==> flow/design.v <==
module core_ram_block #(
    parameter NREGS = 8,
    parameter BITS = 12,
    parameter RP = 4,
    parameter WPORTS = 6,
    parameter ADDR_W = $clog2(NREGS)
) (
    input  wire ck,
    input  wire [WPORTS-1:0] wen,
    input  wire [WPORTS*ADDR_W-1:0] wsel,
    input  wire [WPORTS*BITS-1:0] write_data,
    input  wire [RP*ADDR_W-1:0] rd_idx,
    output wire [RP*BITS-1:0] q
);
    reg [BITS-1:0] ram [NREGS-1:0];
    integer n;
    always @(posedge ck) begin
        for (n = 0; n < WPORTS; n = n + 1)
            if (wen[n]) ram[wsel[n*ADDR_W +: ADDR_W]] <= write_data[n*BITS +: BITS];
    end
    wire [RP*BITS-1:0] work;
    genvar m;
    generate
        for (m = 0; m < RP; m = m + 1) begin : slice
            assign work[m*BITS +: BITS] = ram[rd_idx[m*ADDR_W +: ADDR_W]];
        end
    endgenerate
    assign q = work;
endmodule
== Step by step through the tools: core_ram_block ==
What the tools print for core_ram_block, step after step.
Lines are those of the file above, counted from 1.
Library cell names are shortened.
Not given: --
Set-up
  top module: core_ram_block
  clock: ck
  standard-cell library: sky130hd
  timing corner: tt_025C_1v80

== Elaborated design ==
Source: Yosys, flattened and elaborated, memories not mapped. Widths are those after wreduce; folded enables and synchronous resets count as part of the registers. Registers that Yosys merges into a memory's read port (data or address) are not register bits. Print and check cells do not count. Equal cells are merged and count once.
Yosys's memory passes give these memory sizes; they may raise the number of words (mostly to a power of two), join words into wider ones and drop unused or constant bits.
Bit counts
  elaborated cells: 19
  memory bits (writable): 96
  memory cells: 1
  output and inout bits: 48
  flip-flop bits (word level): 0
Memories
  ram: words 8, width 12, rd ports 4, wr ports 6, line 15  | reg [BITS-1:0] ram [NREGS-1:0];
Cells by class
  mux-type cells: 18
Operators by type and width (number)
  2-to-1 mux 12 bit: 6
  2-to-1 mux 3 bit: 6
  2-to-1 mux 1 bit: 6

== Longest topological paths ==
Longest topological path by Yosys (ltp), each cell counted once; first at word level (registers and memories cut), then after technology mapping (sequential cells cut; the memories' decode and read muxes count).
Logic depth
  word-level depth: 1
  ABC_AREA: 1
  gate-level depth with buffers: 11
  depth with buffers taken out: 10

== Netlist ==
Source: synth_stat.txt of the flow (Yosys; design flattened, memories mapped). It holds for the ABC_AREA given above (unset counts as 0); a run with the other value may have another netlist.
Synthesis totals
  chip area (Yosys): 13088.8 sq um
  buffers: 193
  mapped cells: 2505
  mapped flip-flops: 96
Cell types
  nand2_1: number 884, total area 3.32E+03 sq um
  edfxtp_1: number 96, total area 2.88E+03 sq um
  o21ai_0: number 440, total area 2.2E+03 sq um
  inv_1: number 320, total area 1.2E+03 sq um
  nand3_1: number 225, total area 1126.08 sq um
  nor2_1: number 182, total area 683.155 sq um
  a21oi_1: number 134, total area 670.643 sq um
  clkbuf_1: number 106, total area 397.882 sq um
  buf_2: number 58, total area 290.278 sq um
  buf_1: number 21, total area 78.826 sq um
  nor2_4: number 3, total area 33.782 sq um
  nor2_2: number 5, total area 31.28 sq um
  clkbuf_2: number 6, total area 30.029 sq um
  nand4_1: number 4, total area 25.024 sq um
  nor3_1: number 5, total area 25.024 sq um
  nor3_2: number 2, total area 20.019 sq um
  o21ai_1: number 4, total area 20.019 sq um
  inv_2: number 5, total area 18.768 sq um
Other cell types: 4; their cells: 5.

== Worst setup path after synthesis ==
OpenSTA on the mapped netlist: ideal clock, no wires. The path of least setup slack (recovery checks aside). Input and output delay are each 20% of the period. Register names are those of the netlist, which keeps one name where synthesis merged equal registers.
Timing after synthesis
  path type: input to output
  start point: input port rd_idx[0]
  end point: output port q[10]
  data required time: 2.152 ns
  period: 2.69 ns
  path slack: 0.659 ns
  output delay: 0.538 ns
  data arrival time: 1.493 ns
  path delay: 0.955 ns
  launch time at the first pin: 0.538 ns
  stages: 7
  synthesis period reached: 2.031 ns
"path delay" is the arrival time less input delay plus setup time.
At an output port there is no setup time.
"stages": output pins that drive a net of the path, with the launching flip-flop's if there is one; two outputs of one cell count as two.
"synthesis period reached" = period - worst setup slack (recovery checks aside). The figure is calculated, with input and output delays left at 20% of the set period.
Between the ends stands the longest chain of elaborated cells between them, by number of cells; it is not shown to be the way that was timed. Of several equally long chains one is given.
A line is the first line of the expression or statement that the cell stems from. Yosys adds cells for indexed reads and writes and turns some case tables into memories.
A memory read counts as a cell of the chain, while the word-level depth stops at memories.
Between the ends, after synthesis
  cells stage by stage: clkbuf_1 > inv_1 > clkbuf_1 > nor2_1 > o21ai_0 > nand2_1 > nand2_1
  cells in the longest elaborated chain: 1
  elaborated cells between the ends (all ways): 1
  RTL lines with such cells: 1
  classes of those cells: memory: 1
Ends and longest elaborated chain, after synthesis
  start, declared: line 12  | input  wire [RP*ADDR_W-1:0] rd_idx,
  memory (8 x 12 bit): line 15  | reg [BITS-1:0] ram [NREGS-1:0];
  end, declared: line 13  | output wire [RP*BITS-1:0] q

== Timing after layout ==
Path of least setup slack in the final report of entry B (OpenROAD, finished layout, wires in). Where an end is a register, its clock arrival counts in the times.
Timing after layout
  path type: register to output
  start point: memory ram[0][2]
  end point: output port q[14]
  data required time: 1.08 ns
  data arrival time: 1.47 ns
  path slack: -0.39 ns
  stages: 6
  period: 1.35 ns
  launch time at the first pin: 0.34 ns
  output delay: 0.27 ns
Between the ends stands the longest chain of elaborated cells between them, by number of cells; it is not shown to be the way that was timed. Of several equally long chains one is given.
A memory read counts as a cell of the chain, while the word-level depth stops at memories.
Between the ends, after layout
  cells stage by stage: edfxtp_1 > o21ai_1 > o21ai_1 > nand2_1 > nand2_2 > buf_2
  cells in the longest elaborated chain: 1
  elaborated cells between the ends (all ways): 1
  RTL lines with such cells: 1
  classes of those cells: memory: 1
Ends and longest elaborated chain, after layout
  start, declared: line 15  | reg [BITS-1:0] ram [NREGS-1:0];
  memory (8 x 12 bit): line 15
  end, declared: line 13  | output wire [RP*BITS-1:0] q

Below are 3 stored runs of the flow (Yosys, OpenROAD; platform sky130hd) on core_ram_block, each with its settings and what was measured, unordered. Constraints: input delay and output delay 20% of the set period each, output load 0.01 pF.
"achieved clock period (ns)": clock period set for the run, less the worst setup slack. It is reckoned from that one timing run; input and output delays stay at 20% of the period that was set.
By "worst setup path time (ns)" is meant the share of the clock period that the worst setup path is allowed (20% is reserved at inputs, 20% at outputs), minus its slack. Clock arrival times at its registers enter into it.
By "finish__power__total" is meant OpenSTA's value without simulated activity: inputs other than the clock are taken to toggle once in ten clock periods, and the tool carries that through the logic.

settings of entry A
{
  "period_ns": 1.88,
  "CORE_UTILIZATION": 43,
  "SETUP_SLACK_MARGIN": -0.03,
  "PLACE_DENSITY_LB_ADDON": 0.16,
  "TNS_END_PERCENT": 70,
  "ABC_AREA": 0,
  "GPL_TIMING_DRIVEN": 0,
  "CTS_CLUSTER_SIZE": 65,
  "CAP_MARGIN": 20,
  "MIN_ROUTING_LAYER": "met2",
  "MAX_ROUTING_LAYER": "met5",
  "CORE_MARGIN": 2,
  "SLEW_MARGIN": 20
}
report of entry A: did not finish, route, GRT-0116

settings of entry B
{
  "period_ns": 1.35,
  "CORE_UTILIZATION": 35,
  "CORE_MARGIN": 2,
  "CELL_PAD_IN_SITES_GLOBAL_PLACEMENT": 2,
  "CELL_PAD_IN_SITES_DETAIL_PLACEMENT": 0,
  "ABC_AREA": 1,
  "CTS_CLUSTER_SIZE": 45,
  "CTS_CLUSTER_DIAMETER": 40,
  "CAP_MARGIN": 40,
  "SLEW_MARGIN": 25,
  "MAX_ROUTING_LAYER": "met4"
}
report of entry B
yosys chip area after synthesis (um^2): 13088.8
finish__design__die__area: 38958.9
finish__design__instance__area__stdcell: 20867.5
finish__design__instance__utilization: 0.5686
finish__timing__setup__ws: -0.393
finish__timing__setup__tns: -15.242
finish__timing__hold__ws: 0.545
finish__power__total: 1.434e-02
achieved clock period (ns): 1.743
worst setup path time (ns): 1.47
worst setup path kind: register to output

settings of entry C
{
  "period_ns": 2.69,
  "CAP_MARGIN": 20,
  "CORE_MARGIN": 2,
  "CORE_UTILIZATION": 40,
  "SLEW_MARGIN": 20
}
report of entry C
yosys chip area after synthesis (um^2): 10874.2
finish__design__die__area: 28520.5
finish__design__instance__area__stdcell: 14491.4
finish__design__instance__utilization: 0.5407
finish__timing__setup__ws: 0.023
finish__timing__setup__tns: 0.000
finish__timing__hold__ws: 1.139
finish__power__total: 6.090e-03
achieved clock period (ns): 2.667
worst setup path time (ns): 1.59
worst setup path kind: input to output
